==> flow/design.v <==
module alu_sum_block_blk #(
  parameter integer XLEN = 12
) (
  input wire sys_clk,
  input wire RST,
  input wire [XLEN-1:0] x,
  input wire [XLEN-1:0] y,
  input wire cin,
  output wire [XLEN-1:0] s,
  output wire ovf
);
  reg [XLEN-1:0] r_x;
  always @(posedge sys_clk) begin
    if (RST) begin
      r_x <= 0;
    end else begin
      r_x <= x;
    end
  end
  reg [XLEN-1:0] r_y;
  always @(posedge sys_clk) begin
    if (RST) begin
      r_y <= 0;
    end else begin
      r_y <= y;
    end
  end
  reg r_cin;
  always @(posedge sys_clk) begin
    if (RST) begin
      r_cin <= 1'b0;
    end else begin
      r_cin <= cin;
    end
  end
  wire [XLEN:0] cur;
  assign cur = r_x + r_y + r_cin;
  assign s = cur[XLEN-1:0];
  assign ovf = cur[XLEN];
endmodule
From RTL to reports: alu_sum_block_blk
Tool output for the design above, in the order of the flow.
Lines are those of the file above, counted from 1.
Library cell names are shortened.
A cell with - has no value.

design
  design top = alu_sum_block_blk
  clock = sys_clk
  library = sky130hd
  timing corner = tt_025C_1v80

Word-level counts
Yosys after proc, flatten, opt, wreduce and memory -nomap, before mapping. Enables and synchronous resets that opt folds into registers are not counted as muxes. Memory bits, and registers merged into a memory's read port (data or address), are not among the register bits. Print and check cells are not counted. Equal cells are merged and count once.

cells by class
  add/subtract/negate cells = 2

operators with widths
  kind                                       count
  12-bit by 12-bit adder with 13-bit output  1
  13-bit by 1-bit adder with 13-bit output   1

bit counts
  register bits after elaboration = 25
  word-level cells = 5
  output and inout port bits = 13
  input bits = 27

Depth
Depth = most cells in a row (Yosys ltp): at word level without a register or memory, in the mapped netlist without a sequential cell, where the memories' decode and read muxes count.

depth
  depth after elaboration = 2
  ABC_AREA = 0
  gate-level depth with buffers = 6
  gate-level depth less buffers = 6

Synthesis result
Source: synth_stat.txt of the flow (Yosys; design flattened, memories mapped). It holds for the ABC_AREA given above (unset counts as 0); a run with the other value may have another netlist.

synthesis totals
  mapped flip-flops = 25
  cells in the netlist = 135
  synthesis area = 1311.3 um^2
  buffers = 5
  sequential part of the area = 500.5 um^2

cell types
  type       count  area in all (um^2)
  dfxtp_1    25     500.48
  nor2b_1    26     162.656
  ha_1       11     137.632
  a21o_1     6      45.043
  xnor2_1    5      43.792
  fa_1       2      40.038
  a21oi_1    7      35.034
  nand2b_1   4      25.024
  nand3_1    4      20.019
  nor2_1     5      18.768
  a2111oi_0  2      17.517
  a31o_2     2      17.517
  o311ai_0   2      17.517
  xor2_1     2      17.517
  clkbuf_1   4      15.014
  o21ai_0    3      15.014
  or4_1      2      15.014
  a2111o_1   1      11.261

Other cell types: 19; their cells: 22.

Worst setup path after synthesis
Source: OpenSTA report_checks on the synthesized netlist (no wires, ideal clock, input and output delay 20% of the period each), path of least setup slack; recovery checks are left aside. Register names are those of the netlist, which keeps one name where synthesis merged equal registers.

timing after synthesis
  path kind = reg2out
  start point = register r_x[0]
  end point = output ovf
  path slack = 0.511 ns
  path delay = 2.057 ns
  stages = 7
  arrival time = 2.057 ns
  clock period = 3.21 ns
  data required time = 2.568 ns
  output delay = 0.642 ns
  time at the first pin = 0.000 ns
  path buffers = 0
  period reached after synthesis = 2.699 ns

"path delay" is the arrival time less input delay plus setup time.
A path that ends at an output port has no setup time.
"stages" counts driving pins, that of a launching flip-flop among them; a cell with two outputs on the path counts twice.
"period reached after synthesis" = period - worst setup slack (recovery checks aside). The figure is calculated, with input and output delays left at 20% of the set period.
Between the ends stands the longest chain of elaborated cells between them, by number of cells; it is not shown to be the way that was timed. Of several equally long chains one is given.
A line is the first line of the expression or statement that the cell stems from. Yosys adds cells for indexed reads and writes and turns some case tables into memories.

between the ends, after synthesis
  path through = dfxtp_1 fa_1 fa_1 a211oi_1 o21ai_0 a31o_2 a31o_2
  cells in the longest elaborated chain = 2
  elaborated cells on any way between the ends = 2
  source lines of those cells = 1
  those cells by class = add/sub: 2

ends and longest elaborated chain, after synthesis
  element                                    line  RTL
  from (decl)                                12    reg [XLEN-1:0] r_x;
  from (assign)                              15    r_x <= 0;
  from (assign)                              17    r_x <= x;
  12-bit by 12-bit adder with 13-bit output  37    assign cur = r_x + r_y + r_cin;
  13-bit by 1-bit adder with 13-bit output   37
  to (decl)                                  10    output wire ovf

Path in the finished layout
From the final timing report of flow run A: the path of least setup slack in the routed layout; clock arrival at registers is part of the times.

timing post-layout
  path kind = reg2out
  start point = register r_cin
  end point = output s[10]
  output delay = 0.64 ns
  data required time = 2.57 ns
  stages = 8
  time at the first pin = 0.30 ns
  clock period = 3.21 ns
  path slack = 0.15 ns
  path buffers = 1
  arrival time = 2.42 ns

Between the ends stands the longest chain of elaborated cells between them, by number of cells; it is not shown to be the way that was timed. Of several equally long chains one is given.

between the ends, post-layout
  path through = dfxtp_2 fa_2 fa_2 a211oi_2 o21ai_1 a31oi_1 xnor2_1 dlygate4sd2_1
  cells in the longest elaborated chain = 1
  elaborated cells on any way between the ends = 1
  source lines of those cells = 1
  those cells by class = add/sub: 1

ends and longest elaborated chain, post-layout
  element                                   line  RTL
  from (decl)                               28    reg r_cin;
  from (assign)                             31    r_cin <= 1'b0;
  from (assign)                             33    r_cin <= cin;
  13-bit by 1-bit adder with 13-bit output  37    assign cur = r_x + r_y + r_cin;
  to (decl)                                 9     output wire [XLEN-1:0] s,

==> runs of alu_sum_block_blk <==
Measured data: module alu_sum_block_blk, platform sky130hd, 3 stored runs of the flow under differing settings, order arbitrary. Input and output delays are each 20% of the period that was set; the output load is 0.01 pF.
"achieved clock period (ns)": clock period set for the run, less the worst setup slack. It is reckoned from that one timing run; input and output delays stay at 20% of the period that was set.
"worst setup path time (ns)": the worst setup path's part of the clock period (all of it between registers, 20% less for each end at a port) less its slack. A launch clock that arrives late makes it longer, a capture clock that arrives late makes it shorter.
"finish__power__total" is the tool's figure for a default switching activity; nothing was simulated.

settings of flow run A
{
  "period_ns": 3.21,
  "CAP_MARGIN": 20,
  "CORE_MARGIN": 2,
  "CORE_UTILIZATION": 40,
  "SLEW_MARGIN": 20
}
report of flow run A
yosys chip area after synthesis (um^2): 1311.3
finish__design__die__area: 3752.2
finish__design__instance__area__stdcell: 1770.5
finish__design__instance__utilization: 0.5752
finish__timing__setup__ws: 0.145
finish__timing__setup__tns: 0.000
finish__timing__hold__ws: 0.868
finish__power__total: 6.645e-04
achieved clock period (ns): 3.065
worst setup path time (ns): 2.42
worst setup path kind: reg2out

settings of flow run B
{
  "period_ns": 2.85,
  "CORE_UTILIZATION": 48,
  "SETUP_SLACK_MARGIN": 0.71,
  "PLACE_DENSITY_LB_ADDON": 0.06,
  "CORE_ASPECT_RATIO": 1.81,
  "TNS_END_PERCENT": 85,
  "CTS_CLUSTER_SIZE": 93,
  "CTS_CLUSTER_DIAMETER": 216,
  "CAP_MARGIN": 20,
  "CORE_MARGIN": 2,
  "SLEW_MARGIN": 20
}
report of flow run B
yosys chip area after synthesis (um^2): 1311.3
finish__design__die__area: 3184.4
finish__design__instance__area__stdcell: 1938.1
finish__design__instance__utilization: 0.7465
finish__timing__setup__ws: -0.058
finish__timing__setup__tns: -0.100
finish__timing__hold__ws: 0.838
finish__power__total: 8.489e-04
achieved clock period (ns): 2.908
worst setup path time (ns): 2.34
worst setup path kind: reg2out

settings of flow run C
{
  "period_ns": 3.85,
  "CORE_UTILIZATION": 70,
  "SETUP_SLACK_MARGIN": 0.2,
  "PLACE_DENSITY_LB_ADDON": 0.16,
  "CELL_PAD_IN_SITES_GLOBAL_PLACEMENT": 0,
  "CELL_PAD_IN_SITES_DETAIL_PLACEMENT": 0,
  "TNS_END_PERCENT": 50,
  "CAP_MARGIN": 20,
  "CORE_MARGIN": 2,
  "SLEW_MARGIN": 20
}
report of flow run C: did not finish, place, FLW-0024
